==> flow/design.v <==
module sync_mem_n #(
   parameter NREGS = 48,
   parameter W = 48,
   parameter IDX_W = $clog2(NREGS),
   parameter NB = W / 8
) (
   input wire clk_i,
   input wire [NB-1:0] byte_en,
   input wire [IDX_W-1:0] write_addr,
   input wire [W-1:0] write_data,
   input wire [IDX_W-1:0] rd_addr,
   output wire [W-1:0] dout
);
   reg [W-1:0] bank [0:NREGS-1];
   integer i;
   always @(posedge clk_i) begin
      for (i = 0; i < NB; i = i + 1)
         if (byte_en[i]) bank[write_addr][8*i +: 8] <= write_data[8*i +: 8];
   end
   assign dout = bank[rd_addr];
endmodule
## Step by step through the tools: sync_mem_n

What the tools print for sync_mem_n, step after step.
Line numbers count from 1 in the design file above.
Operators: Yosys type, input widths -> output width; for muxes data width and select width s.
Library cell names are shortened.
A cell with - has no value.

- Top: sync_mem_n
- Clock input: clk_i
- Standard-cell library: sky130hd
- Timing corner: tt_025C_1v80

## Word-level counts

Yosys after proc, flatten, opt, wreduce and memory -nomap, before mapping. Enables and synchronous resets that opt folds into registers are not counted as muxes. Memory bits, and registers merged into a memory's read port (data or address), are not among the register bits. Print and check cells are not counted. Equal cells are merged and count once.
Yosys's memory passes give these memory sizes; they may raise the number of words (mostly to a power of two), join words into wider ones and drop unused or constant bits.

- Flip-flop bits (word level): 0
- Memory bits (writable): 2,304
- Memories: 1
- Input bits: 67
- Cells after elaboration: 13

Memory list:

| memory | words | width | rd ports | write ports | RTL line | source |
|---|---|---|---|---|---|---|
| bank | 48 | 48 | 1 | 1 | 14 | `reg [W-1:0] bank [0:NREGS-1];` |

- Muxes and demuxes: 12

Operators with widths:

| kind | count |
|---|---|
| $mux 48 | 6 |
| $mux 1 | 6 |

## Logic depth

Depth = most cells in a row (Yosys ltp): at word level without a register or memory, in the mapped netlist without a sequential cell, where the memories' decode and read muxes count.

- Depth in word-level cells: 1
- ABC_AREA: 0
- Depth in mapped cells: 10
- Depth with buffers taken out: 5

## Mapped cells and area

Source: synth_stat.txt of the flow (Yosys; design flattened, memories mapped). It holds for the ABC_AREA given above (unset counts as 0); a run with the other value may have another netlist.

Cells by type:

| type | count | total area (um2) |
|---|---|---|
| edfxtp_1 | 2,304 | 6.92E+04 |
| mux4_2 | 543 | 1.22E+04 |
| mux2i_1 | 220 | 2.2E+03 |
| and2_1 | 288 | 1.8E+03 |
| o22ai_1 | 97 | 606.832 |
| o221ai_1 | 52 | 455.437 |
| clkbuf_1 | 108 | 405.389 |
| buf_2 | 59 | 295.283 |
| buf_4 | 36 | 270.259 |
| nor2_1 | 62 | 232.723 |
| a21oi_1 | 42 | 210.202 |
| nand2_1 | 52 | 195.187 |
| o221a_2 | 17 | 191.434 |
| o21ai_1 | 27 | 135.13 |
| buf_6 | 10 | 112.608 |
| o22a_1 | 12 | 105.101 |
| buf_1 | 26 | 97.594 |
| nand3_1 | 18 | 90.086 |

Other cell types: 23; their cells: 113.

- Mapped cells: 4,086
- Cell area after synthesis: 89,661.0 um2
- Sequential area: 69,186.4 um2
- Flip-flops: 2,304
- Buffers: 239

## Timing after synthesis

Path of least setup slack by OpenSTA after synthesis, without wires, with an ideal clock, recovery checks aside; 20% of the period is set as input and as output delay. Where synthesis merged equal registers, the netlist keeps one of their names.

- Path kind: input -> output
- From: input rd_addr[0]
- To: output dout[12]
- Period: 3.88 ns
- Input delay: 0.776 ns
- Output delay: 0.776 ns
- Time at the first pin: 0.776 ns
- Data arrival time: 2.638 ns
- Data required time: 3.104 ns
- Path slack: 0.466 ns
- Path delay: 1.862 ns
- Stages: 9
- Path buffers: 4
- Synthesis period reached: 3.414 ns

"path delay" = arrival - input delay + setup time.
A path that ends at an output port has no setup time.
"stages" counts driving pins, that of a launching flip-flop among them; a cell with two outputs on the path counts twice.
"synthesis period reached" is the clock period less the worst setup slack; recovery checks do not enter. This is arithmetic on one report: input and output delays are still those of the set period (20% each).
Between the ends stands the longest chain of elaborated cells between them, by number of cells; it is not shown to be the way that was timed. Of several equally long chains one is given.
Each line given opens the expression or statement behind the cell; cells for indexed reads and writes are added by Yosys, which also makes memories of some case tables.
A memory read counts as a cell of the chain, while the word-level depth stops at memories.

- Cells stage by stage: buf_2 > buf_2 > buf_4 > buf_2 > mux2i_1 > o221ai_1 > o221ai_1 > nand2_1 > or3_1
- Cells in the longest elaborated chain: 1
- Elaborated cells on any way between the ends: 1
- Source lines of those cells: 1
- Those cells by class: memory: 1

Ends and longest elaborated chain, after synthesis:

| item | RTL line | source |
|---|---|---|
| start, declared | 11 | `input wire [IDX_W-1:0] rd_addr,` |
| $mem_v2 48x48 | 14 | `reg [W-1:0] bank [0:NREGS-1];` |
| end, declared | 12 | `output wire [W-1:0] dout` |

## Path in the finished layout

Path of least setup slack in the final report of flow run 1 (OpenROAD, finished layout, wires in). Where an end is a register, its clock arrival counts in the times.

- Path kind: input -> output
- From: input rd_addr[0]
- To: output dout[9]
- Period: 3.88 ns
- Input delay: 0.78 ns
- Output delay: 0.78 ns
- Time at the first pin: 0.78 ns
- Data arrival time: 3.12 ns
- Data required time: 3.10 ns
- Path slack: -0.02 ns
- Stages: 12
- Path buffers: 8

Between the ends stands the longest chain of elaborated cells between them, by number of cells; it is not shown to be the way that was timed. Of several equally long chains one is given.
A memory read counts as a cell of the chain, while the word-level depth stops at memories.

- Cells stage by stage: buf_16 > buf_12 > buf_12 > buf_16 > buf_6 > buf_4 > mux4_2 > o22ai_2 > or4_4 > o21ai_4 > buf_6 > buf_6
- Cells in the longest elaborated chain: 1
- Elaborated cells on any way between the ends: 1
- Source lines of those cells: 1
- Those cells by class: memory: 1

Ends and longest elaborated chain, post-layout:

| item | RTL line | source |
|---|---|---|
| start, declared | 11 | `input wire [IDX_W-1:0] rd_addr,` |
| $mem_v2 48x48 | 14 | `reg [W-1:0] bank [0:NREGS-1];` |
| end, declared | 12 | `output wire [W-1:0] dout` |

Subject: sync_mem_n on sky130hd, stored results

Hello all,

Design sync_mem_n on sky130hd. What follows are 2 stored runs of the flow, each under its own settings; their order means nothing. The constraints put input and output delay at 20% of the set period each and load the outputs with 0.01 pF.
"achieved period": clock period set for the run, less the worst setup slack. It is reckoned from that one timing run; input and output delays stay at 20% of the period that was set.
"allowed time less slack (worst setup path)" means the part of the period allowed to the worst setup path (the constraints hold back 20% at inputs and 20% at outputs) less its slack; where the path has registers, the arrival times of their clocks count too.
"total power after layout" is the tool's figure for a default switching activity; nothing was simulated.

### Flow run 1

==> flow/run.sh <==
#!/bin/bash
# the make line also repeats the synthesis and layout settings of config.mk as NAME=value (left out here)
make -C /OpenROAD-flow-scripts/flow DESIGN_CONFIG=/design/flow/config.mk WORK_HOME=/design/flow/orfs CLKGATE_MAP_FILE= finish
==> flow/config.mk <==
export PLATFORM = sky130hd
export DESIGN_NAME = sync_mem_n
export DESIGN_NICKNAME = sync_mem_n
export VERILOG_FILES = /design/flow/design.v
export SDC_FILE = /design/flow/constraint.sdc
export NUM_CORES = 4
export LEC_CHECK = 0
export CAP_MARGIN = 20
export CORE_MARGIN = 2
export CORE_UTILIZATION = 40
export SLEW_MARGIN = 20
==> flow/constraint.sdc <==
create_clock -name core_clock -period 3.88 [get_ports {clk_i}]
set_input_delay 0.7760 -clock core_clock [delete_from_list [all_inputs] [get_ports {clk_i}]]
set_output_delay 0.7760 -clock core_clock [all_outputs]
set_load 0.01 [all_outputs]

Results of flow run 1:
- Summed negative setup slack: -0.017 ns
- Standard-cell area after routing: 107,063.0 um2
- Total power after layout: 52.017 mW
- Utilization after routing: 48.1 %
- Setup slack of the worst path: -0.017 ns
- Mapped cell area after synthesis: 89,661.0 um2
- Allowed time less slack (worst setup path): 2.34 ns
- Class of the worst setup path: input -> output
- Area of the die: 227,954.0 um2
- Achieved period: 3.897 ns

### Flow run 2

==> flow/run.sh <==
#!/bin/bash
# the make line also repeats the synthesis and layout settings of config.mk as NAME=value (left out here)
make -C /OpenROAD-flow-scripts/flow DESIGN_CONFIG=/design/flow/config.mk WORK_HOME=/design/flow/orfs CLKGATE_MAP_FILE= finish
==> flow/config.mk <==
export PLATFORM = sky130hd
export DESIGN_NAME = sync_mem_n
export DESIGN_NICKNAME = sync_mem_n
export VERILOG_FILES = /design/flow/design.v
export SDC_FILE = /design/flow/constraint.sdc
export NUM_CORES = 4
export LEC_CHECK = 0
export ABC_AREA = 0
export CAP_MARGIN = 15
export CELL_PAD_IN_SITES_GLOBAL_PLACEMENT = 2
export CORE_MARGIN = 2
export CORE_UTILIZATION = 52
export GPL_TIMING_DRIVEN = 1
export MAX_ROUTING_LAYER = met4
export PLACE_DENSITY_LB_ADDON = 0.27
export SETUP_SLACK_MARGIN = 0.97
export SLEW_MARGIN = 5
==> flow/constraint.sdc <==
create_clock -name core_clock -period 5.91 [get_ports {clk_i}]
set_input_delay 1.1820 -clock core_clock [delete_from_list [all_inputs] [get_ports {clk_i}]]
set_output_delay 1.1820 -clock core_clock [all_outputs]
set_load 0.01 [all_outputs]

Results of flow run 2:
- Summed negative setup slack: 0.000 ns
- Standard-cell area after routing: 103,304.0 um2
- Total power after layout: 34.141 mW
- Utilization after routing: 60.2 %
- Setup slack of the worst path: 0.876 ns
- Mapped cell area after synthesis: 89,661.0 um2
- Allowed time less slack (worst setup path): 2.67 ns
- Class of the worst setup path: input -> output
- Area of the die: 175,762.0 um2
- Achieved period: 5.034 ns

Thanks
